==> flow/design.v <==
module core_mplex_mod (CLK, rst_i, valid, ch0_in, ch1_in, ch2_in, ch3_in, ch4_in, ch5_in, ch6_in, ch7_in, ch8_in, ch9_in, ch10_in, ch11_in, select_in, out_out);
  parameter integer XLEN = 24;
  input CLK;
  input rst_i;
  input valid;
  input [XLEN-1:0] ch0_in;
  input [XLEN-1:0] ch1_in;
  input [XLEN-1:0] ch2_in;
  input [XLEN-1:0] ch3_in;
  input [XLEN-1:0] ch4_in;
  input [XLEN-1:0] ch5_in;
  input [XLEN-1:0] ch6_in;
  input [XLEN-1:0] ch7_in;
  input [XLEN-1:0] ch8_in;
  input [XLEN-1:0] ch9_in;
  input [XLEN-1:0] ch10_in;
  input [XLEN-1:0] ch11_in;
  input [3:0] select_in;
  output [XLEN-1:0] out_out;
  reg [XLEN-1:0] ch0_q;
  reg [XLEN-1:0] ch1_q;
  reg [XLEN-1:0] ch2_q;
  reg [XLEN-1:0] ch3_q;
  reg [XLEN-1:0] ch4_q;
  reg [XLEN-1:0] ch5_q;
  reg [XLEN-1:0] ch6_q;
  reg [XLEN-1:0] ch7_q;
  reg [XLEN-1:0] ch8_q;
  reg [XLEN-1:0] ch9_q;
  reg [XLEN-1:0] ch10_q;
  reg [XLEN-1:0] ch11_q;
  reg [3:0] select_q;
  reg [XLEN-1:0] t;
  always @* begin
    case (select_q)
      0: t = ch0_q;
      1: t = ch1_q;
      2: t = ch2_q;
      3: t = ch3_q;
      4: t = ch4_q;
      5: t = ch5_q;
      6: t = ch6_q;
      7: t = ch7_q;
      8: t = ch8_q;
      9: t = ch9_q;
      10: t = ch10_q;
      default: t = ch11_q;
    endcase
  end
  assign out_out = t;
  always @(posedge CLK) begin
    if (rst_i) begin
      ch0_q <= 0;
      ch1_q <= 0;
      ch2_q <= 0;
      ch3_q <= 0;
      ch4_q <= 0;
      ch5_q <= 0;
      ch6_q <= 0;
      ch7_q <= 0;
      ch8_q <= 0;
      ch9_q <= 0;
      ch10_q <= 0;
      ch11_q <= 0;
      select_q <= 0;
    end else if (valid) begin
      ch0_q <= ch0_in;
      ch1_q <= ch1_in;
      ch2_q <= ch2_in;
      ch3_q <= ch3_in;
      ch4_q <= ch4_in;
      ch5_q <= ch5_in;
      ch6_q <= ch6_in;
      ch7_q <= ch7_in;
      ch8_q <= ch8_in;
      ch9_q <= ch9_in;
      ch10_q <= ch10_in;
      ch11_q <= ch11_in;
      select_q <= select_in;
    end
  end
endmodule
== Step by step through the tools: core_mplex_mod ==
The steps from the RTL of core_mplex_mod to its reports follow in flow order.
Line numbers count from 1 in the design file above.
Library cell names are shortened.
A cell with -- has no value.
Set-up
  top: core_mplex_mod
  clock port: CLK
  library: sky130hd
  library corner: tt_025C_1v80

== Word level ==
Yosys after proc, flatten, opt, wreduce and memory -nomap, before mapping. Enables and synchronous resets that opt folds into registers are not counted as muxes. Memory bits, and registers merged into a memory's read port (data or address), are not among the register bits. Print and check cells are not counted. Equal cells are merged and count once.
Cells by class
  mux-type cells: 1
  reductions and logical operators: 1
  equality and inequality tests: 10
Operators with widths (count)
  24-bit case mux with 11-bit select: 1
  4-bit by 3-bit == test with 1-bit output (second input constant): 4
  4-bit == test (second input constant): 3
  4-bit by 2-bit == test with 1-bit output (second input constant): 2
  4-bit by 1-bit == test with 1-bit output (second input constant): 1
  4-bit zero test: 1
Bit counts
  register bits after elaboration: 292
  output and inout port bits: 24

== Logic depth ==
Yosys ltp: most cells in a row. Word level: on the elaborated netlist, between registers, memories and ports. Mapped: between sequential cells and ports; inverters and the memories' decode and read muxes count.
Depth
  word-level depth: 2
  ABC_AREA: 0
  mapped depth: 8
  gate-level depth less buffers: 5

== Mapped cells and area ==
Source: synth_stat.txt of the flow (Yosys; design flattened, memories mapped). It holds for the ABC_AREA given above (unset counts as 0); a run with the other value may have another netlist.
Totals and module areas in this step are rounded.
Synthesis totals
  chip area (Yosys): 13000 µm²
  sequential part of the area: 5800 µm²
  buffers: 105
  flip-flops: 292
  standard cells after synthesis: 1317
Cells by type
  dfxtp_1: count 292, area in all 5.85E+03 µm²
  mux2i_1: count 321, area in all 3.21E+03 µm²
  nor2_1: count 325, area in all 1219.92 µm²
  a22oi_1: count 50, area in all 375.36 µm²
  buf_2: count 49, area in all 245.235 µm²
  clkbuf_1: count 43, area in all 161.405 µm²
  mux2_2: count 13, area in all 146.39 µm²
  nand2_1: count 32, area in all 120.115 µm²
  o21ai_0: count 23, area in all 115.11 µm²
  a21oi_1: count 20, area in all 100.096 µm²
  nor2b_1: count 14, area in all 87.584 µm²
  a32o_1: count 8, area in all 80.077 µm²
  o221ai_1: count 9, area in all 78.826 µm²
  a221oi_1: count 8, area in all 70.067 µm²
  o22ai_1: count 11, area in all 68.816 µm²
  a31oi_1: count 10, area in all 62.56 µm²
  buf_4: count 8, area in all 60.058 µm²
  o32a_1: count 6, area in all 60.058 µm²
Other cell types: 29; their cells: 75.

== Timing after synthesis ==
OpenSTA on the mapped netlist: ideal clock, no wires. The path of least setup slack (recovery checks aside). Input and output delay are each 20% of the period. Register names are those of the netlist, which keeps one name where synthesis merged equal registers.
Timing path post-synthesis
  path type: reg2out
  start point: register select_q[0]
  end point: output out_out[18]
  delay of the path: 1.510 ns
  time at the first pin: 0.000 ns
  arrival time: 1.510 ns
  period: 2.36 ns
  path slack: 0.378 ns
  buffers on the path: 2
  stages: 7
  required time: 1.888 ns
  synthesis period reached: 1.982 ns
"delay of the path" is the arrival time less input delay plus setup time.
At an output port there is no setup time.
"stages" counts driving pins, that of a launching flip-flop among them; a cell with two outputs on the path counts twice.
"synthesis period reached" is the clock period less the worst setup slack; recovery checks do not enter. This is arithmetic on one report: input and output delays are still those of the set period (20% each).
Between the ends stands the longest chain of elaborated cells between them, by number of cells; it is not shown to be the way that was timed. Of several equally long chains one is given.
A line is the first line of the expression or statement that the cell stems from. Yosys adds cells for indexed reads and writes and turns some case tables into memories.
On the way, post-synthesis
  cell sequence: dfxtp_1 buf_6 buf_6 mux2i_1 nor2_1 a311o_1 o32a_1
  cells in the longest elaborated chain: 2
  elaborated cells on any way between the ends: 12
  source lines of those cells: 1
RTL lines, path post-synthesis
  start: declaration: RTL line 32  | reg [3:0] select_q;
  start: assignment: RTL line 65  | select_q <= 0;
  start: assignment: RTL line 79  | select_q <= select_in;
  4-bit == test: RTL line 35  | case (select_q)
  24-bit case mux with 11-bit select: RTL line 35
  end: declaration: RTL line 19  | output [XLEN-1:0] out_out;

== Path in the finished layout ==
Path of least setup slack in the final report of job 2 (OpenROAD, finished layout, wires in). Where an end is a register, its clock arrival counts in the times.
Timing path after layout
  path type: reg2out
  start point: register select_q[0]
  end point: output out_out[18]
  period: 2.36 ns
  required time: 1.89 ns
  time at the first pin: 0.56 ns
  buffers on the path: 4
  arrival time: 2.47 ns
  path slack: -0.59 ns
  stages: 9
Between the ends stands the longest chain of elaborated cells between them, by number of cells; it is not shown to be the way that was timed. Of several equally long chains one is given.
On the way, after layout
  cell sequence: dfxtp_4 buf_6 buf_12 buf_6 mux2i_4 nor2_1 a311o_1 o32a_1 buf_2
  cells in the longest elaborated chain: 2
  elaborated cells on any way between the ends: 12
  source lines of those cells: 1
RTL lines, path after layout
  start: declaration: RTL line 32  | reg [3:0] select_q;
  start: assignment: RTL line 65  | select_q <= 0;
  start: assignment: RTL line 79  | select_q <= select_in;
  4-bit == test: RTL line 35  | case (select_q)
  24-bit case mux with 11-bit select: RTL line 35
  end: declaration: RTL line 19  | output [XLEN-1:0] out_out;

==> results <==
core_mplex_mod through Yosys and OpenROAD on sky130hd: 3 stored runs, unordered, with their settings and measured results. The constraints put input and output delay at 20% of the set period each and load the outputs with 0.01 pF.
"period reached" = clock period - worst setup slack. The figure is calculated, with input and output delays left at 20% of the set period.
"critical path time" is the time allowed to the run's worst setup path (the clock period less input and output delay, where it has them) less its slack. Clock arrival times count: a late capture clock shortens it, a late launch clock lengthens it.
By "total power after layout" is meant OpenSTA's value without simulated activity: inputs other than the clock are taken to toggle once in ten clock periods, and the tool carries that through the logic.
Results are given in rounded form.

==> job 1: settings <==
{ "period_ns": 1.73, "CORE_UTILIZATION": 70, "SETUP_SLACK_MARGIN": 0.15, "PLACE_DENSITY_LB_ADDON": 0.17, "CELL_PAD_IN_SITES_GLOBAL_PLACEMENT": 3, "GPL_TIMING_DRIVEN": 0, "GPL_ROUTABILITY_DRIVEN": 1, "CTS_CLUSTER_SIZE": 30, "CAP_MARGIN": 15, "MIN_ROUTING_LAYER": "met2", "MAX_ROUTING_LAYER": "met4", "CORE_MARGIN": 2, "SLEW_MARGIN": 20 }
==> job 1: results <==
did not finish, placement stopped with FLW-0024

==> job 2: settings <==
{ "period_ns": 2.36, "CAP_MARGIN": 20, "CORE_MARGIN": 2, "CORE_UTILIZATION": 40, "SLEW_MARGIN": 20 }
==> job 2: results <==
setup slack of the worst path: -0.59 ns
standard-cell area after routing: 20000 µm²
period reached: 2.947 ns
sum of negative setup slack: -12 ns
critical path time: 2.47 ns
worst setup path kind: reg2out
post-route utilization: 64%
total power after layout: 13000 µW
Yosys chip area after synthesis: 13000 µm²
lowest hold slack: 0.30 ns
die footprint: 33000 µm²

==> job 3: settings <==
{ "period_ns": 2.93, "CORE_UTILIZATION": 20, "SETUP_SLACK_MARGIN": 0.36, "PLACE_DENSITY": 0.73, "GPL_TIMING_DRIVEN": 1, "CTS_CLUSTER_SIZE": 99, "CAP_MARGIN": 20, "CORE_MARGIN": 2, "SLEW_MARGIN": 20 }
==> job 3: results <==
standard-cell area after routing: 20000 µm²
lowest hold slack: 0.48 ns
critical path time: 2.43 ns
worst setup path kind: reg2out
total power after layout: 11000 µW
period reached: 3.019 ns
post-route utilization: 32%
setup slack of the worst path: -0.089 ns
sum of negative setup slack: -0.67 ns
Yosys chip area after synthesis: 13000 µm²
die footprint: 65000 µm²
